==> flow/design.v <==
module gen_times #(
  parameter integer DATA_WIDTH = 12,
  parameter integer GAIN = 683,
  parameter integer SUM_W = DATA_WIDTH + $clog2(GAIN + 1)
) (
  input  wire sys_clk,
  input  wire RST,
  input  wire [DATA_WIDTH-1:0] i_in0,
  output reg [SUM_W-1:0] o_m
);
  reg [SUM_W-1:0] t;
  integer i;
  always @* begin
    t = 0;
    for (i = 0; i < SUM_W - DATA_WIDTH; i = i + 1)
      if ((GAIN >> i) & 1) t = t + (i_in0 << i);
  end
  always @(posedge sys_clk) begin
    if (RST) begin
      o_m <= 0;
    end else begin
      o_m <= t;
    end
  end
endmodule
### From RTL to reports: gen_times

Tool output for the design above, in the order of the flow.
Lines are those of the file above, counted from 1.
Operators carry their Yosys type and port widths (W data, S select, Z words).
Not given: n/a

* design top: gen_times
* clock: sys_clk
* cell library: sky130hd
* corner: tt_025C_1v80

### Elaborated design

Yosys after proc, flatten, opt, wreduce and memory -nomap, before mapping. Enables and synchronous resets that opt folds into registers are not counted as muxes. Memory bits, and registers merged into a memory's read port (data or address), are not among the register bits. Print and check cells are not counted. Equal cells are merged and count once.

* add/sub/neg operators: 5

Operators by type and width (number)
* $add A20 B21 Y22: 1
* $add A18 B19 Y20: 1
* $add A16 B17 Y18: 1
* $add A14 B15 Y16: 1
* $add A12 B13 Y14: 1

* register bits after elaboration: 22
* input port bits: 14
* output and inout port bits: 22
* word-level cells: 6

### Longest topological paths

Yosys ltp: most cells in a row. Word level: on the elaborated netlist, between registers, memories and ports. Mapped: between sequential cells and ports; inverters and the memories' decode and read muxes count.

* depth after elaboration: 5
* ABC_AREA: 0
* gate-level depth with buffers: 14
* mapped depth without buffers: 14

### Synthesis result

The flow's flattened synthesis, as Yosys stat reports it; memories are mapped. The netlist is that of the ABC_AREA named above (0 if unset); the other value can give another one.
The area totals of this step are shown rounded.

Cells by type
* sky130_fd_sc_hd__fa_1: number 30, total area 600.576 µm²
* sky130_fd_sc_hd__ha_1: number 43, total area 538.016 µm²
* sky130_fd_sc_hd__dfxtp_1: number 22, total area 440.422 µm²
* sky130_fd_sc_hd__inv_1: number 47, total area 176.419 µm²
* sky130_fd_sc_hd__nor2_1: number 23, total area 86.333 µm²
* sky130_fd_sc_hd__a21oi_1: number 15, total area 75.072 µm²
* sky130_fd_sc_hd__xnor2_1: number 7, total area 61.309 µm²
* sky130_fd_sc_hd__nor2b_1: number 9, total area 56.304 µm²
* sky130_fd_sc_hd__xor2_1: number 5, total area 43.792 µm²
* sky130_fd_sc_hd__nand2_1: number 11, total area 41.29 µm²
* sky130_fd_sc_hd__o21ai_0: number 7, total area 35.034 µm²
* sky130_fd_sc_hd__o21a_1: number 4, total area 30.029 µm²
* sky130_fd_sc_hd__o311ai_4: number 1, total area 26.275 µm²
* sky130_fd_sc_hd__a21o_1: number 3, total area 22.522 µm²
* sky130_fd_sc_hd__mux2_1: number 2, total area 22.522 µm²
* sky130_fd_sc_hd__nand4_1: number 3, total area 18.768 µm²
* sky130_fd_sc_hd__o21ai_2: number 2, total area 17.517 µm²
* sky130_fd_sc_hd__o41ai_2: number 1, total area 16.266 µm²

Not listed: further types 18, cells in them 23.

* standard cells after synthesis: 258
* chip area (Yosys): 2460 µm²
* area of sequential cells: 440 µm²
* mapped flip-flops: 22
* buffer cells: 3

### Path before layout

OpenSTA on the mapped netlist: ideal clock, no wires. The path of least setup slack (recovery checks aside). Input and output delay are each 20% of the period. Register names are those of the netlist, which keeps one name where synthesis merged equal registers.

* kind: input-to-reg
* from: in i_in0[0]
* to: reg o_m[20]
* clock period: 5270 ps
* input delay: 1054 ps
* setup time: 123 ps
* time at the first pin: 1054 ps
* data arrival time: 4304 ps
* required time: 5147 ps
* path slack: 843 ps
* path delay: 3373 ps
* stages: 12
* buffers on the path: 0
* period reached after synthesis: 4427 ps

"path delay" is the arrival time less input delay plus setup time.
"stages": output pins that drive a net of the path, with the launching flip-flop's if there is one; two outputs of one cell count as two.
"period reached after synthesis" is the clock period less the worst setup slack; recovery checks do not enter. This is arithmetic on one report: input and output delays are still those of the set period (20% each).
Between the ends stands the longest chain of elaborated cells between them, by number of cells; it is not shown to be the way that was timed. Of several equally long chains one is given.
A line is the first line of the expression or statement that the cell stems from. Yosys adds cells for indexed reads and writes and turns some case tables into memories.

* cells stage by stage: sky130_fd_sc_hd__inv_1 -> sky130_fd_sc_hd__fa_1 -> sky130_fd_sc_hd__inv_1 -> sky130_fd_sc_hd__fa_1 -> sky130_fd_sc_hd__ha_1 -> sky130_fd_sc_hd__fa_1 -> sky130_fd_sc_hd__a211oi_1 -> sky130_fd_sc_hd__nor2_2 -> sky130_fd_sc_hd__o21ai_2 -> sky130_fd_sc_hd__o311ai_4 -> sky130_fd_sc_hd__a31oi_1 -> sky130_fd_sc_hd__mux2_1
* cells in the longest elaborated chain: 5
* elaborated cells on any way between the ends: 5
* source lines of those cells: 1
* those cells by class: add/sub (5)

RTL lines, path post-synthesis
* start, declared: RTL line 8 `input  wire [DATA_WIDTH-1:0] i_in0,`
* $add A12 B13 Y14: RTL line 16 `if ((GAIN >> i) & 1) t = t + (i_in0 << i);`
* $add A14 B15 Y16: RTL line 16
* $add A16 B17 Y18: RTL line 16
* $add A18 B19 Y20: RTL line 16
* $add A20 B21 Y22: RTL line 16
* end, assigned: RTL line 20 `o_m <= 0;`
* end, assigned: RTL line 22 `o_m <= t;`
* end, declared: RTL line 9 `output reg [SUM_W-1:0] o_m`

### Worst path after layout

Path of least setup slack in the final report of flow run 1 (OpenROAD, finished layout, wires in). Where an end is a register, its clock arrival counts in the times.
The report prints the path's times to 10 ps; the period is as set.

* kind: input-to-reg
* from: in i_in0[8]
* to: reg o_m[20]
* clock period: 5400 ps
* input delay: 1080 ps
* setup time: 110 ps
* time at the first pin: 1080 ps
* data arrival time: 5200 ps
* required time: 5560 ps
* path slack: 360 ps
* stages: 15
* buffers on the path: 1

Between the ends stands the longest chain of elaborated cells between them, by number of cells; it is not shown to be the way that was timed. Of several equally long chains one is given.

* cells stage by stage: sky130_fd_sc_hd__clkdlybuf4s50_1 -> sky130_fd_sc_hd__inv_1 -> sky130_fd_sc_hd__fa_1 -> sky130_fd_sc_hd__inv_1 -> sky130_fd_sc_hd__fa_1 -> sky130_fd_sc_hd__inv_1 -> sky130_fd_sc_hd__fa_1 -> sky130_fd_sc_hd__inv_1 -> sky130_fd_sc_hd__ha_1 -> sky130_fd_sc_hd__a21oi_1 -> sky130_fd_sc_hd__nor2_1 -> sky130_fd_sc_hd__nor2_1 -> sky130_fd_sc_hd__o311ai_4 -> sky130_fd_sc_hd__a31oi_1 -> sky130_fd_sc_hd__mux2_1
* cells in the longest elaborated chain: 5
* elaborated cells on any way between the ends: 5
* source lines of those cells: 1
* those cells by class: add/sub (5)

RTL lines, path after layout
* start, declared: RTL line 8 `input  wire [DATA_WIDTH-1:0] i_in0,`
* $add A12 B13 Y14: RTL line 16 `if ((GAIN >> i) & 1) t = t + (i_in0 << i);`
* $add A14 B15 Y16: RTL line 16
* $add A16 B17 Y18: RTL line 16
* $add A18 B19 Y20: RTL line 16
* $add A20 B21 Y22: RTL line 16
* end, assigned: RTL line 20 `o_m <= 0;`
* end, assigned: RTL line 22 `o_m <= t;`
* end, declared: RTL line 9 `output reg [SUM_W-1:0] o_m`

==> runs of gen_times <==
Settings and measured results of 3 stored flow runs for module gen_times (sky130hd), not sorted in any way. The constraints put input and output delay at 20% of the set period each and load the outputs with 0.01 pF.
"reached clock period" is the run's clock period less its worst setup slack. It is reckoned from that one timing run; input and output delays stay at 20% of the period that was set.
By "time on the worst setup path" is meant the share of the clock period that the worst setup path is allowed (20% is reserved at inputs, 20% at outputs), minus its slack. Clock arrival times at its registers enter into it.
By "overall power" is meant OpenSTA's value without simulated activity: inputs other than the clock are taken to toggle once in ten clock periods, and the tool carries that through the logic.
"time on the worst setup path" is known to 10 ps.
Values from the reports are rounded here.

### Flow run 1

==> flow/run.sh <==
#!/bin/bash
# the make line also repeats the synthesis and layout settings of config.mk as NAME=value (left out here)
make -C /OpenROAD-flow-scripts/flow DESIGN_CONFIG=/design/flow/config.mk WORK_HOME=/design/flow/orfs CLKGATE_MAP_FILE= finish
==> flow/config.mk <==
export PLATFORM = sky130hd
export DESIGN_NAME = gen_times
export DESIGN_NICKNAME = gen_times
export VERILOG_FILES = /design/flow/design.v
export SDC_FILE = /design/flow/constraint.sdc
export NUM_CORES = 4
export LEC_CHECK = 0
export CAP_MARGIN = 20
export CORE_ASPECT_RATIO = 1.76
export CORE_MARGIN = 3
export CORE_UTILIZATION = 19
export CTS_CLUSTER_DIAMETER = 99
export CTS_CLUSTER_SIZE = 35
export PLACE_DENSITY_LB_ADDON = 0.05
export SLEW_MARGIN = 20
==> flow/constraint.sdc <==
create_clock -name core_clock -period 5.4 [get_ports {sys_clk}]
set_input_delay 1.0800 -clock core_clock [delete_from_list [all_inputs] [get_ports {sys_clk}]]
set_output_delay 1.0800 -clock core_clock [all_outputs]
set_load 0.01 [all_outputs]

Results of flow run 1:
- Post-synthesis cell area: 2460 µm²
- Full die area: 14400 µm²
- Standard-cell area after layout: 3200 µm²
- Utilization of the finished layout: 25.6%
- Lowest setup slack: 356 ps
- Post-route setup TNS: 0 ps
- Final worst hold slack: 1480 ps
- Overall power: 1440 µW
- Reached clock period: 5044 ps
- Time on the worst setup path: 3960 ps
- Critical path kind: input-to-reg

### Flow run 2

==> flow/run.sh <==
#!/bin/bash
# the make line also repeats the synthesis and layout settings of config.mk as NAME=value (left out here)
make -C /OpenROAD-flow-scripts/flow DESIGN_CONFIG=/design/flow/config.mk WORK_HOME=/design/flow/orfs CLKGATE_MAP_FILE= finish
==> flow/config.mk <==
export PLATFORM = sky130hd
export DESIGN_NAME = gen_times
export DESIGN_NICKNAME = gen_times
export VERILOG_FILES = /design/flow/design.v
export SDC_FILE = /design/flow/constraint.sdc
export NUM_CORES = 4
export LEC_CHECK = 0
export CAP_MARGIN = 20
export CORE_MARGIN = 2
export CORE_UTILIZATION = 40
export SLEW_MARGIN = 20
==> flow/constraint.sdc <==
create_clock -name core_clock -period 5.27 [get_ports {sys_clk}]
set_input_delay 1.0540 -clock core_clock [delete_from_list [all_inputs] [get_ports {sys_clk}]]
set_output_delay 1.0540 -clock core_clock [all_outputs]
set_load 0.01 [all_outputs]

Results of flow run 2:
- Post-synthesis cell area: 2460 µm²
- Full die area: 6790 µm²
- Standard-cell area after layout: 3020 µm²
- Utilization of the finished layout: 51.1%
- Lowest setup slack: 387 ps
- Post-route setup TNS: 0 ps
- Final worst hold slack: 1480 ps
- Overall power: 1330 µW
- Reached clock period: 4883 ps
- Time on the worst setup path: 3830 ps
- Critical path kind: input-to-reg

### Flow run 3

==> flow/run.sh <==
#!/bin/bash
# the make line also repeats the synthesis and layout settings of config.mk as NAME=value (left out here)
make -C /OpenROAD-flow-scripts/flow DESIGN_CONFIG=/design/flow/config.mk WORK_HOME=/design/flow/orfs CLKGATE_MAP_FILE= finish
==> flow/config.mk <==
export PLATFORM = sky130hd
export DESIGN_NAME = gen_times
export DESIGN_NICKNAME = gen_times
export VERILOG_FILES = /design/flow/design.v
export SDC_FILE = /design/flow/constraint.sdc
export NUM_CORES = 4
export LEC_CHECK = 0
export ABC_AREA = 1
export CAP_MARGIN = 5
export CELL_PAD_IN_SITES_DETAIL_PLACEMENT = 0
export CORE_MARGIN = 3
export CORE_UTILIZATION = 28
export GPL_ROUTABILITY_DRIVEN = 1
export HOLD_SLACK_MARGIN = 0.15
export MAX_ROUTING_LAYER = met4
export SLEW_MARGIN = 40
export TNS_END_PERCENT = 5
==> flow/constraint.sdc <==
create_clock -name core_clock -period 4.07 [get_ports {sys_clk}]
set_input_delay 0.8140 -clock core_clock [delete_from_list [all_inputs] [get_ports {sys_clk}]]
set_output_delay 0.8140 -clock core_clock [all_outputs]
set_load 0.01 [all_outputs]

Results of flow run 3:
- Post-synthesis cell area: 2570 µm²
- Full die area: 10400 µm²
- Standard-cell area after layout: 3520 µm²
- Utilization of the finished layout: 40.0%
- Lowest setup slack: 140 ps
- Post-route setup TNS: 0 ps
- Final worst hold slack: 1120 ps
- Overall power: 1940 µW
- Reached clock period: 3930 ps
- Time on the worst setup path: 3120 ps
- Critical path kind: input-to-reg
